==> flow/design.v <==
module my_mpy_blk #(
  parameter int WD = 24
) (
  input  logic ck,
  input  logic rstn,
  input  logic [WD-1:0] arg0,
  input  logic [WD-1:0] arg1,
  output logic [WD-1:0] res
);
  logic [WD-1:0] arg0_r;
  logic [WD-1:0] arg1_r;
  always_ff @(posedge ck) begin
    if (~rstn) begin
      arg0_r <= 0;
      arg1_r <= 0;
    end else begin
      arg0_r <= arg0;
      arg1_r <= arg1;
    end
  end
  assign res = arg0_r * arg1_r;
endmodule
# --- From RTL to reports: my_mpy_blk ---
# What the tools print for my_mpy_blk, step after step.
# Lines are those of the file above, counted from 1.
# Library cell names are shortened.
setup:
  top_module: "my_mpy_blk"
  clock: "ck"
  lib: "sky130hd"
  pvt_corner: "tt_025C_1v80"

# --- Elaborated design ---
# Yosys after proc, flatten, opt, wreduce and memory -nomap, before mapping. Enables and synchronous resets that opt folds into registers are not counted as muxes. Memory bits, and registers merged into a memory's read port (data or address), are not among the register bits. Print and check cells are not counted. Equal cells are merged and count once.
word_totals:
  ff_bits: 48
  elab_cells: 3
  out_inout_bits: 24
  in_bits: 50
classes:
  multipliers: 1
ops:
  columns: ["operator", "n"]
  rows:
  - ["multiplier 24 x 24 -> 24 bit", 1]

# --- Depth ---
# Longest topological path by Yosys (ltp), each cell counted once; first at word level (registers and memories cut), then after technology mapping (sequential cells cut; the memories' decode and read muxes count).
logic_depth:
  word_depth: 1
  ABC_AREA: 0
  mapped_depth: 24
  mapped_depth_nobuf: 22

# --- Netlist ---
# Source: synth_stat.txt of the flow (Yosys; design flattened, memories mapped). It holds for the ABC_AREA given above (unset counts as 0); a run with the other value may have another netlist.
# Totals and module areas in this step are rounded.
by_type:
  columns: ["type", "n", "type_area_um2"]
  rows:
  - ["fa_1", 213, 4264.09]
  - ["and2_1", 211, 1.32E+03]
  - ["inv_1", 281, 1.05E+03]
  - ["ha_1", 83, 1.04E+03]
  - ["dfxtp_1", 48, 960.922]
  - ["nand2_1", 138, 517.997]
  - ["xnor2_1", 48, 420.403]
  - ["clkbuf_1", 44, 165.158]
  - ["xor2_1", 12, 105.101]
  - ["a21oi_1", 13, 65.062]
  - ["a21o_1", 6, 45.043]
  - ["o21bai_1", 6, 45.043]
  - ["o21ai_0", 7, 35.034]
  - ["nor2_1", 9, 33.782]
  - ["a2111oi_4", 1, 27.526]
  - ["a211oi_1", 3, 22.522]
  - ["o21a_1", 3, 22.522]
  - ["xnor3_1", 1, 22.522]
# Not listed: further types 14, cells in them 14.
synth_totals:
  stdcells: 1141
  synth_area_um2: 10000
  seqArea_um2: 960
  n_buf: 47
  ff_cells: 48

# --- Worst setup path after synthesis ---
# OpenSTA on the mapped netlist: ideal clock, no wires. The path of least setup slack (recovery checks aside). Input and output delay are each 20% of the period. Register names are those of the netlist, which keeps one name where synthesis merged equal registers.
synth_timing:
  path_type: "register to output"
  from: "reg arg1_r[4]"
  to: "out res[19]"
  setup_slack_ns: 1.483
  n_path_buf: 2
  out_delay_ns: 1.856
  path_delay_ns: 5.941
  arrival_ns: 5.941
  stages: 24
  t_required_ns: 7.424
  launch_ns: 0.000
  clock_period_ns: 9.28
  period_less_setup_slack_ns: 7.797
# "path_delay_ns" = arrival - input delay + setup time.
# At an output port there is no setup time.
# "stages": output pins that drive a net of the path, with the launching flip-flop's if there is one; two outputs of one cell count as two.
# "period_less_setup_slack_ns" = period - worst setup slack (recovery checks aside). The figure is calculated, with input and output delays left at 20% of the set period.
# The rows between start and end are the longest chain of elaborated cells between them; the timing report does not say that the signal goes this way. Where chains are equally long, one stands for them.
# Each line given opens the expression or statement behind the cell; cells for indexed reads and writes are added by Yosys, which also makes memories of some case tables.
synth_via:
  path_cell_list: "dfxtp_1 > clkbuf_1 > clkbuf_1 > nand2_1 > fa_1 > inv_1 > fa_1 > inv_1 > fa_1 > fa_1 > inv_1 > ha_1 > fa_1 > inv_1 > fa_1 > inv_1 > ha_1 > and3_4 > a2111oi_4 > a21boi_2 > and2_2 > o21bai_1 > a21oi_1 > xnor2_1"
  elab_chain_cells: 1
  cone_cells: 1
  lines_between: 1
  classes_between: "1 x mul"
synth_rtl:
  columns: ["element", "line_no", "rtl"]
  rows:
  - ["start: declaration", 11, "logic [WD-1:0] arg1_r;"]
  - ["start: assignment", 15, "arg1_r <= 0;"]
  - ["start: assignment", 18, "arg1_r <= arg1;"]
  - ["multiplier 24 x 24 -> 24 bit", 21, "assign res = arg0_r * arg1_r;"]
  - ["end: declaration", 8, "output logic [WD-1:0] res"]

# --- Worst path after layout ---
# Path of least setup slack in the final report of run B (OpenROAD, finished layout, wires in). Where an end is a register, its clock arrival counts in the times.
layout_timing:
  path_type: "register to output"
  from: "reg arg1_r[5]"
  to: "out res[22]"
  stages: 24
  setup_slack_ns: -1.12
  arrival_ns: 6.16
  t_required_ns: 5.04
  out_delay_ns: 1.26
  n_path_buf: 4
  launch_ns: 0.29
  clock_period_ns: 6.3
# The rows between start and end are the longest chain of elaborated cells between them; the timing report does not say that the signal goes this way. Where chains are equally long, one stands for them.
layout_via:
  path_cell_list: "dfxtp_4 > buf_12 > and2_4 > fa_1 > inv_2 > fa_1 > fa_1 > fa_1 > inv_2 > ha_4 > fa_1 > inv_1 > fa_1 > inv_2 > ha_4 > and3_4 > a2111oi_4 > buf_4 > o311a_4 > buf_6 > o21bai_1 > a21oi_2 > xnor2_1 > buf_2"
  elab_chain_cells: 1
  cone_cells: 1
  lines_between: 1
  classes_between: "1 x mul"
layout_rtl:
  columns: ["element", "line_no", "rtl"]
  rows:
  - ["start: declaration", 11, "logic [WD-1:0] arg1_r;"]
  - ["start: assignment", 15, "arg1_r <= 0;"]
  - ["start: assignment", 18, "arg1_r <= arg1;"]
  - ["multiplier 24 x 24 -> 24 bit", 21, "assign res = arg0_r * arg1_r;"]
  - ["end: declaration", 8, "output logic [WD-1:0] res"]

# Top module my_mpy_blk; platform sky130hd; tools Yosys and OpenROAD; 3 stored runs in no particular order. Input and output delays are each 20% of the period that was set; the output load is 0.01 pF.
# "achieved_clock_period_ns": clock period set for the run, less the worst setup slack. It is reckoned from that one timing run; input and output delays stay at 20% of the period that was set.
# "worst_path_time_ns" = time allowed to the worst setup path (clock period - input delay - output delay, where it has them) - its slack; a late launch clock adds to it, a late capture clock takes from it.
# "final_power_mw": no workload was simulated; the value follows from the tool's default switching activity.
# Measured values are rounded.
runs:
  - name: "run A"
    settings:
      period_ns: 8.21
      CORE_UTILIZATION: 61
      SETUP_SLACK_MARGIN: 1.95
      PLACE_DENSITY_LB_ADDON: 0.1
      HOLD_SLACK_MARGIN: -0.07
      CORE_ASPECT_RATIO: 0.67
      CORE_MARGIN: 5
      CELL_PAD_IN_SITES_DETAIL_PLACEMENT: 1
      TNS_END_PERCENT: 80
      ABC_AREA: 1
      CAP_MARGIN: 40
      MIN_ROUTING_LAYER: "met1"
      MAX_ROUTING_LAYER: "met5"
      SLEW_MARGIN: 20
    outcome: "incomplete, placement halted on DPL-0033"
  - name: "run B"
    settings:
      period_ns: 6.3
      CORE_UTILIZATION: 27
      SETUP_SLACK_MARGIN: 1.18
      PLACE_DENSITY_LB_ADDON: 0.18
      CORE_ASPECT_RATIO: 0.85
      TNS_END_PERCENT: 55
      ABC_AREA: 0
      GPL_TIMING_DRIVEN: 1
      GPL_ROUTABILITY_DRIVEN: 0
      CTS_CLUSTER_DIAMETER: 208
      MIN_ROUTING_LAYER: "met1"
      CAP_MARGIN: 20
      CORE_MARGIN: 2
      SLEW_MARGIN: 20
    results:
      worst_setup_slack_ns: -1.1
      fin_hold_ws_ns: 1.5
      worst_path_time_ns: 6.16
      timing.worst_path_kind: "register to output"
      achieved_clock_period_ns: 7.417
      final_power_mw: 2.8
      synth_chip_area_um2: 10000
      die_footprint_um2: 40000
      fin_util_frac: 0.37
      layout_stdcell_area_um2: 14000
      timing.setup.tns_ns: -11
  - name: "run C"
    settings:
      period_ns: 9.28
      CAP_MARGIN: 20
      CORE_MARGIN: 2
      CORE_UTILIZATION: 40
      SLEW_MARGIN: 20
    results:
      worst_setup_slack_ns: 0.41
      fin_hold_ws_ns: 2.1
      worst_path_time_ns: 7.02
      timing.worst_path_kind: "register to output"
      achieved_clock_period_ns: 8.872
      final_power_mw: 1.6
      synth_chip_area_um2: 10000
      die_footprint_um2: 27000
      fin_util_frac: 0.46
      layout_stdcell_area_um2: 12000
      timing.setup.tns_ns: 0.000
